==> flow/design.v <==
module gen_summer_p (core_clk, clr, arg0, arg1, arg2, q);
  parameter integer NBITS = 10;
  input core_clk;
  input clr;
  input [NBITS-1:0] arg0;
  input [NBITS-1:0] arg1;
  input [NBITS-1:0] arg2;
  output [NBITS+1:0] q;
  reg [NBITS-1:0] arg0_s;
  reg [NBITS-1:0] arg1_s;
  reg [NBITS-1:0] arg2_s;
  always @(posedge core_clk or posedge clr) begin
    if (clr) begin
      arg0_s <= 0;
      arg1_s <= 0;
      arg2_s <= 0;
    end else begin
      arg0_s <= arg0;
      arg1_s <= arg1;
      arg2_s <= arg2;
    end
  end
  assign q = arg0_s + arg1_s + arg2_s;
endmodule
Reports on gen_summer_p --
What the tools print for gen_summer_p, step after step. Line numbers count from 1 in the design file above. Operators: Yosys type, input widths -> output width; for muxes data width and select width s. Cell names lack the library's common part. A cell with -- has no value.
Design: top gen_summer_p, clock input core_clk, standard-cell library sky130hd, timing corner tt_025C_1v80

Elaborated design --
Yosys after proc, flatten, opt, wreduce and memory -nomap, before mapping. Enables and synchronous resets that opt folds into registers are not counted as muxes. Memory bits, and registers merged into a memory's read port (data or address), are not among the register bits. Print and check cells are not counted. Equal cells are merged and count once.
Storage and ports: output and inout port bits 12, register bits after elaboration 30, word width x clocked read ports 0, word-level cells 5, bits in writable memories 0, input port bits 32, bits in read-only memories 0, latch bits 0, memories 0
Cells by class: divide/modulo/power cells 0, $lt $le $gt $ge 0, shift operators 0, $add $sub $neg 2, bitwise operators 0, multipliers 0, equal/unequal tests 0, reduce/logical cells 0, multiplexer cells 0
Operators with widths (number):
- $add 11x10->12 | 1
- $add 10x10->11 | 1

Logic depth --
Longest topological path by Yosys (ltp), each cell counted once; first at word level (registers and memories cut), then after technology mapping (sequential cells cut; the memories' decode and read muxes count).
Logic depth: depth after elaboration 2, ABC_AREA 0, mapped depth 11, gate-level depth less buffers 11

Mapped cells and area --
The flow's flattened synthesis, as Yosys stat reports it; memories are mapped. The netlist is that of the ABC_AREA named above (0 if unset); the other value can give another one. The area totals of this step are shown rounded.
Cells by type:
- dfrtp_1 | number 30, area in all 750.72 um^2
- fa_1 | number 11, area in all 220.211 um^2
- ha_1 | number 9, area in all 112.608 um^2
- inv_1 | number 17, area in all 63.811 um^2
- xnor2_1 | number 5, area in all 43.792 um^2
- a2111oi_4 | number 1, area in all 27.526 um^2
- a21oi_2 | number 2, area in all 17.517 um^2
- xor2_1 | number 2, area in all 17.517 um^2
- a21o_1 | number 2, area in all 15.014 um^2
- and3_2 | number 2, area in all 15.014 um^2
- nand2b_1 | number 2, area in all 12.512 um^2
- o21bai_2 | number 1, area in all 11.261 um^2
- a21oi_1 | number 2, area in all 10.01 um^2
- nand3_1 | number 2, area in all 10.01 um^2
- a2111oi_0 | number 1, area in all 8.758 um^2
- a221oi_1 | number 1, area in all 8.758 um^2
- o21ai_2 | number 1, area in all 8.758 um^2
- and2_2 | number 1, area in all 7.507 um^2
Other cell types: 9; their cells: 10.
Mapped netlist: sequential part of the area 750 um^2, buffer cells 0, cell count 102, mapped flip-flops 30, synthesis area 1400 um^2

Timing after synthesis --
Source: OpenSTA report_checks on the synthesized netlist (no wires, ideal clock, input and output delay 20% of the period each), path of least setup slack; recovery checks are left aside. Register names are those of the netlist, which keeps one name where synthesis merged equal registers.
Path after synthesis: path kind flip-flop to output port, start reg arg0_s[4], end out q[10], period 3600 ps, required time 2880 ps, external output delay 720 ps, launch time at the first pin 0 ps, setup slack 574 ps, path buffers 0, path delay 2306 ps, arrival 2306 ps, driving pins on the path 8, synthesis period reached 3026 ps
"path delay" = arrival - input delay + setup time. A path that ends at an output port has no setup time. "driving pins on the path": output pins that drive a net of the path, with the launching flip-flop's if there is one; two outputs of one cell count as two. "synthesis period reached" = period - worst setup slack (recovery checks aside). The figure is calculated, with input and output delays left at 20% of the set period. The rows between start and end are the longest chain of elaborated cells between them; the timing report does not say that the signal goes this way. Where chains are equally long, one stands for them. A line is the first line of the expression or statement that the cell stems from. Yosys adds cells for indexed reads and writes and turns some case tables into memories.
Between the ends, after synthesis: path through dfrtp_1 -> fa_1 -> ha_1 -> and3_2 -> a2111oi_4 -> o21ai_2 -> a21oi_2 -> xor2_1, cells in the longest elaborated chain 2, elaborated cells between the ends (all ways) 2, RTL lines with such cells 1, those cells by class add/sub: 2
RTL lines, path after synthesis:
- from (decl) | line 9 | reg [NBITS-1:0] arg0_s;
- from (assign) | line 14 | arg0_s <= 0;
- from (assign) | line 18 | arg0_s <= arg0;
- $add 10x10->11 | line 23 | assign q = arg0_s + arg1_s + arg2_s;
- $add 11x10->12 | line 23
- to (decl) | line 8 | output [NBITS+1:0] q;

Timing after layout --
From the final timing report of flow run 1: the path of least setup slack in the routed layout; clock arrival at registers is part of the times. The report prints the path's times to 10 ps; the period is as set.
Path after layout: path kind flip-flop to output port, start reg arg1_s[5], end out q[8], period 3300 ps, path buffers 2, required time 2640 ps, arrival 2960 ps, external output delay 660 ps, driving pins on the path 10, launch time at the first pin 280 ps, setup slack -320 ps
The rows between start and end are the longest chain of elaborated cells between them; the timing report does not say that the signal goes this way. Where chains are equally long, one stands for them.
Between the ends, after layout: path through dfrtp_1 -> fa_1 -> ha_4 -> and3_2 -> a2111oi_4 -> buf_4 -> o21bai_2 -> a21oi_2 -> xnor2_1 -> buf_2, cells in the longest elaborated chain 2, elaborated cells between the ends (all ways) 2, RTL lines with such cells 1, those cells by class add/sub: 2
RTL lines, path after layout:
- from (decl) | line 10 | reg [NBITS-1:0] arg1_s;
- from (assign) | line 15 | arg1_s <= 0;
- from (assign) | line 19 | arg1_s <= arg1;
- $add 10x10->11 | line 23 | assign q = arg0_s + arg1_s + arg2_s;
- $add 11x10->12 | line 23
- to (decl) | line 8 | output [NBITS+1:0] q;

# Flow runs of gen_summer_p

Below are 3 stored runs of the flow (Yosys, OpenROAD; platform sky130hd) on gen_summer_p, each with its settings and what was measured, unordered. Constraints: input delay and output delay 20% of the set period each, output load 0.01 pF.
"period achieved" is the run's clock period less its worst setup slack. It is reckoned from that one timing run; input and output delays stay at 20% of the period that was set.
"allowed time less slack (worst setup path)" is the time allowed to the run's worst setup path (the clock period less input and output delay, where it has them) less its slack. Clock arrival times count: a late capture clock shortens it, a late launch clock lengthens it.
"total design power" is the tool's figure for a default switching activity; nothing was simulated.
"allowed time less slack (worst setup path)" is known to 10 ps.
Measured values are rounded.

* Flow run 1 | settings: period_ns 3.3; CORE_UTILIZATION 38; SETUP_SLACK_MARGIN -0.16; PLACE_DENSITY 0.92; HOLD_SLACK_MARGIN 0.3; CORE_ASPECT_RATIO 0.98; CORE_MARGIN 4; CELL_PAD_IN_SITES_DETAIL_PLACEMENT 2; GPL_TIMING_DRIVEN 1; GPL_ROUTABILITY_DRIVEN 0; CAP_MARGIN 0; SLEW_MARGIN 20 | results: post-synthesis cell area 1400 um^2; die size 4800 um^2; standard-cell area after layout 2200 um^2; post-route utilization 63 %; setup slack of the worst path -320 ps; total negative slack on setup checks -1600 ps; total design power 0.0014 W; period achieved 3616 ps; allowed time less slack (worst setup path) 2960 ps; type of the worst setup path flip-flop to output port
* Flow run 2 | settings: period_ns 3.6; CAP_MARGIN 20; CORE_MARGIN 2; CORE_UTILIZATION 40; SLEW_MARGIN 20 | results: post-synthesis cell area 1400 um^2; die size 4000 um^2; standard-cell area after layout 2000 um^2; post-route utilization 60 %; setup slack of the worst path 110 ps; total negative slack on setup checks 0 ps; total design power 0.00093 W; period achieved 3494 ps; allowed time less slack (worst setup path) 2770 ps; type of the worst setup path flip-flop to output port
* Flow run 3 | settings: period_ns 5.0; CORE_UTILIZATION 65; SETUP_SLACK_MARGIN 0.96; CORE_ASPECT_RATIO 0.61; CORE_MARGIN 9; TNS_END_PERCENT 80; CTS_CLUSTER_DIAMETER 374; CAP_MARGIN 20; SLEW_MARGIN 20 | stopped before the end: clock tree synthesis reported DPL-0038
